==> flow/design.v <==
module dp_arith_n (i_clk, rst, opa, opb, op, diff);
   parameter DW = 18;
   input i_clk;
   input rst;
   input [DW-1:0] opa;
   input [DW-1:0] opb;
   input op;
   output reg [DW-1:0] diff;
   reg [DW-1:0] work;
   always @* begin
      if (op)
         work = opa - opb;
      else
         work = opa + opb;
   end
   always @(posedge i_clk) begin
      if (rst) begin
         diff <= 0;
      end else begin
         diff <= work;
      end
   end
endmodule
Reports on dp_arith_n
Tool output for the design above, in the order of the flow.
Lines are those of the file above, counted from 1.
Operators carry their Yosys type and port widths (W data, S select, Z words).
Cell names lack the library's common part.
A cell with - has no value.
- top: dp_arith_n
- clock input: i_clk
- cell library: sky130hd
- timing corner: tt_025C_1v80

Elaborated design
Counts by Yosys on the flattened word-level netlist (proc, flatten, opt, wreduce; memories kept). Register bits leave out memories and registers merged into their read ports (data or address); mux counts leave out enables and synchronous resets folded into registers. Print and check cells are left out. Cells with the same type and inputs are merged into one.
- register bits after elaboration: 18
- elaborated cells at 4
- multiplexer cells at 1
- add/subtract/negate cells at 2
- operator list (operator ; count):
    $add A18 B18 Y18 ; 1
    $sub A18 B18 Y18 ; 1
    $mux W18 ; 1

Depth
Longest topological path by Yosys (ltp), each cell counted once; first at word level (registers and memories cut), then after technology mapping (sequential cells cut; the memories' decode and read muxes count).
- depth in word-level cells: 2
- noted ABC_AREA: 0
- noted gate-level depth with buffers: 14
- gate-level depth less buffers: 14

Synthesis result
The flow's flattened synthesis, as Yosys stat reports it; memories are mapped. The netlist is that of the ABC_AREA named above (0 if unset); the other value can give another one.
- cells by type (type ; count ; area in all (um^2)):
    dfxtp_1 ; 18 ; 360.346
    ha_1 ; 18 ; 225.216
    xnor2_1 ; 21 ; 183.926
    nor2_1 ; 34 ; 127.622
    a21oi_1 ; 14 ; 70.067
    o21ai_0 ; 13 ; 65.062
    a211oi_1 ; 7 ; 52.55
    a21o_1 ; 6 ; 45.043
    xor2_1 ; 5 ; 43.792
    nor2b_1 ; 6 ; 37.536
    o31ai_1 ; 5 ; 37.536
    nand2_1 ; 9 ; 33.782
    inv_1 ; 8 ; 30.029
    a221oi_1 ; 3 ; 26.275
    mux2_2 ; 2 ; 22.522
    nor4_4 ; 1 ; 21.27
    fa_1 ; 1 ; 20.019
    nor3_1 ; 4 ; 20.019
Not listed: further types 21, cells in them 32.
- noted sequential area: 360.3 um^2
- noted buffer cells: 3
- cell count at 207
- noted mapped area: 1656.6 um^2
- noted flip-flops: 18

Timing after synthesis
Path of least setup slack by OpenSTA after synthesis, without wires, with an ideal clock, recovery checks aside; 20% of the period is set as input and as output delay. Where synthesis merged equal registers, the netlist keeps one of their names.
- path type: input to register
- start point: input opb[5]
- end point: register diff[13]
- required time: 3979 ps
- noted arrival: 3324 ps
- noted slack: 655 ps
- noted external input delay: 820 ps
- noted library setup time: 121 ps
- clock period: 4100 ps
- path delay at 2625 ps
- stages at 10
- synthesis period reached: 3445 ps
"path delay" is the arrival time less input delay plus setup time.
"stages": output pins that drive a net of the path, with the launching flip-flop's if there is one; two outputs of one cell count as two.
"synthesis period reached" is the clock period less the worst setup slack; recovery checks do not enter. This is arithmetic on one report: input and output delays are still those of the set period (20% each).
The rows between start and end are the longest chain of elaborated cells between them; the timing report does not say that the signal goes this way. Where chains are equally long, one stands for them.
Each line given opens the expression or statement behind the cell; cells for indexed reads and writes are added by Yosys, which also makes memories of some case tables.
- path through: or4_4 > nor2_1 > a21oi_1 > xnor2_1 > ha_1 > a211oi_1 > nor2_1 > or3_1 > a31oi_1 > mux2_2
- noted length of the longest elaborated chain: 2
- elaborated cells between the ends (all ways) at 3
- noted source lines of those cells: 3
- those cells by class: add/sub (2); mux (1)
- ends and longest elaborated chain, after synthesis (item ; RTL line ; text):
    start, declared ; 6 ; input [DW-1:0] opb;
    $add A18 B18 Y18 ; 14 ; work = opa + opb;
    $mux W18 ; 11 ; if (op)
    end, assigned ; 18 ; diff <= 0;
    end, assigned ; 20 ; diff <= work;
    end, declared ; 8 ; output reg [DW-1:0] diff;

Timing after layout
From the final timing report of run 1: the path of least setup slack in the routed layout; clock arrival at registers is part of the times.
The path's times are printed in steps of 10 ps; the period is the one set.
- path type: input to register
- start point: input opb[7]
- end point: register diff[16]
- noted slack: -150 ps
- noted arrival: 3380 ps
- noted external input delay: 620 ps
- required time: 3220 ps
- stages at 13
- noted library setup time: 100 ps
- clock period: 3080 ps
The rows between start and end are the longest chain of elaborated cells between them; the timing report does not say that the signal goes this way. Where chains are equally long, one stands for them.
- path through: buf_6 > or4_4 > o31ai_4 > o21ai_0 > xnor2_1 > ha_1 > buf_4 > o21ai_0 > o21bai_1 > a221oi_4 > o31ai_2 > xnor2_1 > nor2_1
- noted length of the longest elaborated chain: 2
- elaborated cells between the ends (all ways) at 3
- noted source lines of those cells: 3
- those cells by class: add/sub (2); mux (1)
- ends and longest elaborated chain, post-layout (item ; RTL line ; text):
    start, declared ; 6 ; input [DW-1:0] opb;
    $add A18 B18 Y18 ; 14 ; work = opa + opb;
    $mux W18 ; 11 ; if (op)
    end, assigned ; 18 ; diff <= 0;
    end, assigned ; 20 ; diff <= work;
    end, declared ; 8 ; output reg [DW-1:0] diff;

Ticket comment

Below are 3 stored runs of the flow (Yosys, OpenROAD; platform sky130hd) on dp_arith_n, each with its settings and what was measured, unordered. Constraints: input delay and output delay 20% of the set period each, output load 0.01 pF.
"achieved clock period" means the clock period less the worst setup slack. The figure is calculated, with input and output delays left at 20% of the set period.
By "time used up by the worst setup path" is meant the share of the clock period that the worst setup path is allowed (20% is reserved at inputs, 20% at outputs), minus its slack. Clock arrival times at its registers enter into it.
"overall power" is the tool's figure for a default switching activity; nothing was simulated.
"time used up by the worst setup path" is known to 10 ps.

Run 1
Settings were period_ns = 3.08; CORE_UTILIZATION = 43; PLACE_DENSITY_LB_ADDON = 0.1; GPL_ROUTABILITY_DRIVEN = 0; CTS_CLUSTER_SIZE = 54; CAP_MARGIN = 20; CORE_MARGIN = 2; SLEW_MARGIN = 20
- chip area in the Yosys report at 1,656.6 um^2
- standard-cell area after routing at 3,039.2 um^2
- overall die area at 4,365.2 um^2
- sum of negative setup slack at -280 ps
- overall power at 0.001176 W
- worst hold slack: 826 ps
- noted the achieved clock period: 3,233 ps
- time used up by the worst setup path: 2,620 ps
- kind of the worst setup path: input to register
- noted the post-route utilization: 82.4%
- worst setup slack after layout: -153 ps

Run 2
Settings were period_ns = 4.1; CAP_MARGIN = 20; CORE_MARGIN = 2; CORE_UTILIZATION = 40; SLEW_MARGIN = 20
- worst hold slack: 1,319 ps
- chip area in the Yosys report at 1,656.6 um^2
- noted the post-route utilization: 60.9%
- worst setup slack after layout: 286 ps
- standard-cell area after routing at 2,436.1 um^2
- noted the achieved clock period: 3,814 ps
- time used up by the worst setup path: 2,990 ps
- kind of the worst setup path: input to register
- overall die area at 4,672.4 um^2
- overall power at 0.000747 W
- sum of negative setup slack at 0 ps

Run 3
Settings were period_ns = 3.07; CORE_UTILIZATION = 50; SETUP_SLACK_MARGIN = -0.2; PLACE_DENSITY_LB_ADDON = 0.24; HOLD_SLACK_MARGIN = 0.1; TNS_END_PERCENT = 60; ABC_AREA = 1; CAP_MARGIN = 10; MIN_ROUTING_LAYER = met1; CORE_MARGIN = 2; SLEW_MARGIN = 20
- noted the achieved clock period: 2,980 ps
- worst setup slack after layout: 90 ps
- worst hold slack: 952 ps
- time used up by the worst setup path: 2,370 ps
- kind of the worst setup path: input to register
- chip area in the Yosys report at 1,905.6 um^2
- standard-cell area after routing at 2,645.0 um^2
- sum of negative setup slack at 0 ps
- noted the post-route utilization: 72.2%
- overall power at 0.00101 W
- overall die area at 4,321.1 um^2
